==> flow/design.v <==
module add_core #(
   parameter DATA_W = 18
) (
   input sys_clk,
   input [DATA_W-1:0] i_op_a,
   input [DATA_W-1:0] i_op_b,
   input [DATA_W-1:0] i_op_c,
   output [DATA_W+1:0] o_result
);
   reg [DATA_W-1:0] op_a_r;
   reg [DATA_W-1:0] op_b_r;
   reg [DATA_W-1:0] op_c_r;
   wire [DATA_W-1:0] work;
   assign work = op_a_r ^ op_b_r ^ op_c_r;
   wire [DATA_W-1:0] cc;
   assign cc = (op_a_r & op_b_r) | (op_a_r & op_c_r) | (op_b_r & op_c_r);
   assign o_result = work + {cc, 1'b0};
   always @(posedge sys_clk) begin
      op_a_r <= i_op_a;
      op_b_r <= i_op_b;
      op_c_r <= i_op_c;
   end
endmodule
# Tool chain data of add_core
# The steps from the RTL of add_core to its reports follow in flow order.
# Lines are those of the file above, counted from 1.
# Operators carry their Yosys type and port widths (W data, S select, Z words).
# Not given: --
# inputs
top_module	add_core
clock_port	sys_clk
cell_library	sky130hd
pvt_corner	tt_025C_1v80

# After elaboration
# Yosys after proc, flatten, opt, wreduce and memory -nomap, before mapping. Enables and synchronous resets that opt folds into registers are not counted as muxes. Memory bits, and registers merged into a memory's read port (data or address), are not among the register bits. Print and check cells are not counted. Equal cells are merged and count once.
# op_classes
add_sub_neg	1
n_logic	7
# op_table
op	count
$and A18 B18 Y18	3
$or A18 B18 Y18	2
$xor A18 B18 Y18	2
$add A18 B19 Y20	1
# bits
register_bits	54
inputBits	55
out_inout_bits	20
elab_cells	11

# Logic depth
# Depth = most cells in a row (Yosys ltp): at word level without a register or memory, in the mapped netlist without a sequential cell, where the memories' decode and read muxes count.
# depth
ltp_word	4
ABC_AREA	0
mapped_depth	12
depth_no_buf	12

# Synthesis result
# Yosys stat after the flow's synthesis: flattened, memories mapped to cells. It holds for the ABC_AREA given above (unset counts as 0); a run with the other value may have another netlist.
# mapped
cell_count	218
mapped_area_mm2	0.0024398
seqArea_mm2	0.001081
flip_flops	54
buffers	7
# types
cell	count	area_total_um2
sky130_fd_sc_hd__dfxtp_1	54	1.08E+03
sky130_fd_sc_hd__fa_1	19	380.365
sky130_fd_sc_hd__ha_1	17	212.704
sky130_fd_sc_hd__xnor2_1	10	87.584
sky130_fd_sc_hd__a21oi_1	11	55.053
sky130_fd_sc_hd__inv_1	14	52.55
sky130_fd_sc_hd__nand2_1	14	52.55
sky130_fd_sc_hd__nor2_1	12	45.043
sky130_fd_sc_hd__nand3_1	8	40.038
sky130_fd_sc_hd__a21o_1	4	30.029
sky130_fd_sc_hd__o211ai_1	4	30.029
sky130_fd_sc_hd__xor2_1	3	26.275
sky130_fd_sc_hd__a31oi_1	4	25.024
sky130_fd_sc_hd__nor2b_1	4	25.024
sky130_fd_sc_hd__nor3_1	4	20.019
sky130_fd_sc_hd__o21ai_0	4	20.019
sky130_fd_sc_hd__clkbuf_1	5	18.768
sky130_fd_sc_hd__o311ai_2	1	16.266
# Other cell types: 24; their cells: 26.

# Path before layout
# Source: OpenSTA report_checks on the synthesized netlist (no wires, ideal clock, input and output delay 20% of the period each), path of least setup slack; recovery checks are left aside. Register names are those of the netlist, which keeps one name where synthesis merged equal registers.
# synth_timing
path_type	register -> output
start	reg op_a_r[1]
end	out o_result[17]
tclk_ps	3930
out_delay_ps	786
t_first_pin_ps	0
t_arrival_ps	2515
t_required_ps	3144
setup_slack_ps	629
delay_ps	2515
stages	11
path_buffers	0
period_less_setup_slack_ps	3301
# "delay_ps" is the arrival time less input delay plus setup time.
# At an output port there is no setup time.
# "stages": output pins that drive a net of the path, with the launching flip-flop's if there is one; two outputs of one cell count as two.
# "period_less_setup_slack_ps" is the clock period less the worst setup slack; recovery checks do not enter. This is arithmetic on one report: input and output delays are still those of the set period (20% each).
# The rows between start and end are the longest chain of elaborated cells between them; the timing report does not say that the signal goes this way. Where chains are equally long, one stands for them.
# A line is the first line of the expression or statement that the cell stems from. Yosys adds cells for indexed reads and writes and turns some case tables into memories.
# synth_via
cell_sequence	sky130_fd_sc_hd__dfxtp_1 sky130_fd_sc_hd__fa_1 sky130_fd_sc_hd__ha_1 sky130_fd_sc_hd__inv_1 sky130_fd_sc_hd__fa_1 sky130_fd_sc_hd__nor2b_1 sky130_fd_sc_hd__o211ai_1 sky130_fd_sc_hd__a31oi_1 sky130_fd_sc_hd__nor2_1 sky130_fd_sc_hd__o311ai_2 sky130_fd_sc_hd__xor2_1
elab_chain_cells	4
cells_between	7
cone_lines	3
classes_between	1 x add/sub; 6 x logic
# synth_rtl
item	line_no	text
start, declared	10	reg [DATA_W-1:0] op_a_r;
start, assigned	19	op_a_r <= i_op_a;
$and A18 B18 Y18	16	assign cc = (op_a_r & op_b_r) | (op_a_r & op_c_r) | (op_b_r & op_c_r);
$or A18 B18 Y18 x2	16
$add A18 B19 Y20	17	assign o_result = work + {cc, 1'b0};
end, declared	8	output [DATA_W+1:0] o_result

# Worst path after layout
# From the final timing report of flow run 1: the path of least setup slack in the routed layout; clock arrival at registers is part of the times.
# The report prints the path's times to 10 ps; the period is as set.
# layout_timing
path_type	register -> output
start	reg op_c_r[1]
end	out o_result[19]
tclk_ps	1950
out_delay_ps	390
t_first_pin_ps	300
t_arrival_ps	3040
t_required_ps	1560
setup_slack_ps	-1480
stages	13
path_buffers	2
# The rows between start and end are the longest chain of elaborated cells between them; the timing report does not say that the signal goes this way. Where chains are equally long, one stands for them.
# layout_via
cell_sequence	sky130_fd_sc_hd__dfxtp_2 sky130_fd_sc_hd__fa_1 sky130_fd_sc_hd__ha_2 sky130_fd_sc_hd__inv_2 sky130_fd_sc_hd__fa_2 sky130_fd_sc_hd__nor2b_2 sky130_fd_sc_hd__o211ai_1 sky130_fd_sc_hd__a31oi_2 sky130_fd_sc_hd__o211ai_1 sky130_fd_sc_hd__buf_4 sky130_fd_sc_hd__a211oi_2 sky130_fd_sc_hd__o31a_1 sky130_fd_sc_hd__buf_2
elab_chain_cells	4
cells_between	6
cone_lines	3
classes_between	1 x add/sub; 5 x logic
# layout_rtl
item	line_no	text
start, declared	12	reg [DATA_W-1:0] op_c_r;
start, assigned	21	op_c_r <= i_op_c;
$and A18 B18 Y18	16	assign cc = (op_a_r & op_b_r) | (op_a_r & op_c_r) | (op_b_r & op_c_r);
$or A18 B18 Y18 x2	16
$add A18 B19 Y20	17	assign o_result = work + {cc, 1'b0};
end, declared	8	output [DATA_W+1:0] o_result

Add stored flow runs of add_core

Module add_core, platform sky130hd: 3 stored runs of the flow (Yosys, OpenROAD) with differing settings, in no particular order. Input and output delays are each 20% of the period that was set; the output load is 0.01 pF.
"period_less_ws_ps": clock period set for the run, less the worst setup slack. It is reckoned from that one timing run; input and output delays stay at 20% of the period that was set.
"worstPathTime_ps" means the part of the period allowed to the worst setup path (the constraints hold back 20% at inputs and 20% at outputs) less its slack; where the path has registers, the arrival times of their clocks count too.
By "power_uw" is meant OpenSTA's value without simulated activity: inputs other than the clock are taken to toggle once in ten clock periods, and the tool carries that through the logic.
"worstPathTime_ps" is given in steps of 10 ps.

Flow run 1, flow files:
==> flow/run.sh <==
#!/bin/bash
# the make line also repeats the synthesis and layout settings of config.mk as NAME=value (left out here)
make -C /OpenROAD-flow-scripts/flow DESIGN_CONFIG=/design/flow/config.mk WORK_HOME=/design/flow/orfs CLKGATE_MAP_FILE= finish
==> flow/config.mk <==
export PLATFORM = sky130hd
export DESIGN_NAME = add_core
export DESIGN_NICKNAME = add_core
export VERILOG_FILES = /design/flow/design.v
export SDC_FILE = /design/flow/constraint.sdc
export NUM_CORES = 4
export LEC_CHECK = 0
export ABC_AREA = 0
export CAP_MARGIN = 35
export CELL_PAD_IN_SITES_DETAIL_PLACEMENT = 1
export CORE_MARGIN = 7
export CORE_UTILIZATION = 35
export CTS_CLUSTER_SIZE = 12
export MIN_ROUTING_LAYER = met1
export PLACE_DENSITY = 0.36
export SETUP_SLACK_MARGIN = 0.21
export SLEW_MARGIN = 15
export TNS_END_PERCENT = 80
==> flow/constraint.sdc <==
create_clock -name core_clock -period 1.95 [get_ports {sys_clk}]
set_input_delay 0.3900 -clock core_clock [delete_from_list [all_inputs] [get_ports {sys_clk}]]
set_output_delay 0.3900 -clock core_clock [all_outputs]
set_load 0.01 [all_outputs]

==> results of flow run 1, as CSV <==
result,value
final_setup_tns_ps,-20715
worstPathTime_ps,3040
worstPathKind,"register -> output"
post_route_util_pct,60.9
timing.hold.ws_ps,511
worst_setup_slack_ps,-1484
yosys_chip_area_mm2,0.0024398
stdcell_area_mm2,0.0041114
die_mm2,0.0095043
power_uw,3837
period_less_ws_ps,3434

Flow run 2, flow files:
==> flow/run.sh <==
#!/bin/bash
# the make line also repeats the synthesis and layout settings of config.mk as NAME=value (left out here)
make -C /OpenROAD-flow-scripts/flow DESIGN_CONFIG=/design/flow/config.mk WORK_HOME=/design/flow/orfs CLKGATE_MAP_FILE= finish
==> flow/config.mk <==
export PLATFORM = sky130hd
export DESIGN_NAME = add_core
export DESIGN_NICKNAME = add_core
export VERILOG_FILES = /design/flow/design.v
export SDC_FILE = /design/flow/constraint.sdc
export NUM_CORES = 4
export LEC_CHECK = 0
export CAP_MARGIN = 20
export CORE_MARGIN = 2
export CORE_UTILIZATION = 40
export SLEW_MARGIN = 20
==> flow/constraint.sdc <==
create_clock -name core_clock -period 3.93 [get_ports {sys_clk}]
set_input_delay 0.7860 -clock core_clock [delete_from_list [all_inputs] [get_ports {sys_clk}]]
set_output_delay 0.7860 -clock core_clock [all_outputs]
set_load 0.01 [all_outputs]

==> results of flow run 2, as CSV <==
result,value
stdcell_area_mm2,0.0034833
power_uw,1592
timing.hold.ws_ps,914
die_mm2,0.0067404
final_setup_tns_ps,-4
post_route_util_pct,58.8
yosys_chip_area_mm2,0.0024398
worstPathTime_ps,3150
worstPathKind,"register -> output"
period_less_ws_ps,3934
worst_setup_slack_ps,-4

Flow run 3, flow files:
==> flow/run.sh <==
#!/bin/bash
# the make line also repeats the synthesis and layout settings of config.mk as NAME=value (left out here)
make -C /OpenROAD-flow-scripts/flow DESIGN_CONFIG=/design/flow/config.mk WORK_HOME=/design/flow/orfs CLKGATE_MAP_FILE= finish
==> flow/config.mk <==
export PLATFORM = sky130hd
export DESIGN_NAME = add_core
export DESIGN_NICKNAME = add_core
export VERILOG_FILES = /design/flow/design.v
export SDC_FILE = /design/flow/constraint.sdc
export NUM_CORES = 4
export LEC_CHECK = 0
export ABC_AREA = 0
export CAP_MARGIN = 15
export CORE_ASPECT_RATIO = 0.65
export CORE_MARGIN = 8
export CORE_UTILIZATION = 20
export CTS_CLUSTER_DIAMETER = 153
export GPL_ROUTABILITY_DRIVEN = 1
export PLACE_DENSITY = 0.49
export SETUP_SLACK_MARGIN = -0.12
export SLEW_MARGIN = 20
==> flow/constraint.sdc <==
create_clock -name core_clock -period 2.79 [get_ports {sys_clk}]
set_input_delay 0.5580 -clock core_clock [delete_from_list [all_inputs] [get_ports {sys_clk}]]
set_output_delay 0.5580 -clock core_clock [all_outputs]
set_load 0.01 [all_outputs]

==> results of flow run 3, as CSV <==
result,value
final_setup_tns_ps,-7981
period_less_ws_ps,3664
timing.hold.ws_ps,698
stdcell_area_mm2,0.004124
post_route_util_pct,34.7
worstPathTime_ps,3110
worstPathKind,"register -> output"
worst_setup_slack_ps,-874
yosys_chip_area_mm2,0.0024398
die_mm2,0.0160714
power_uw,2741
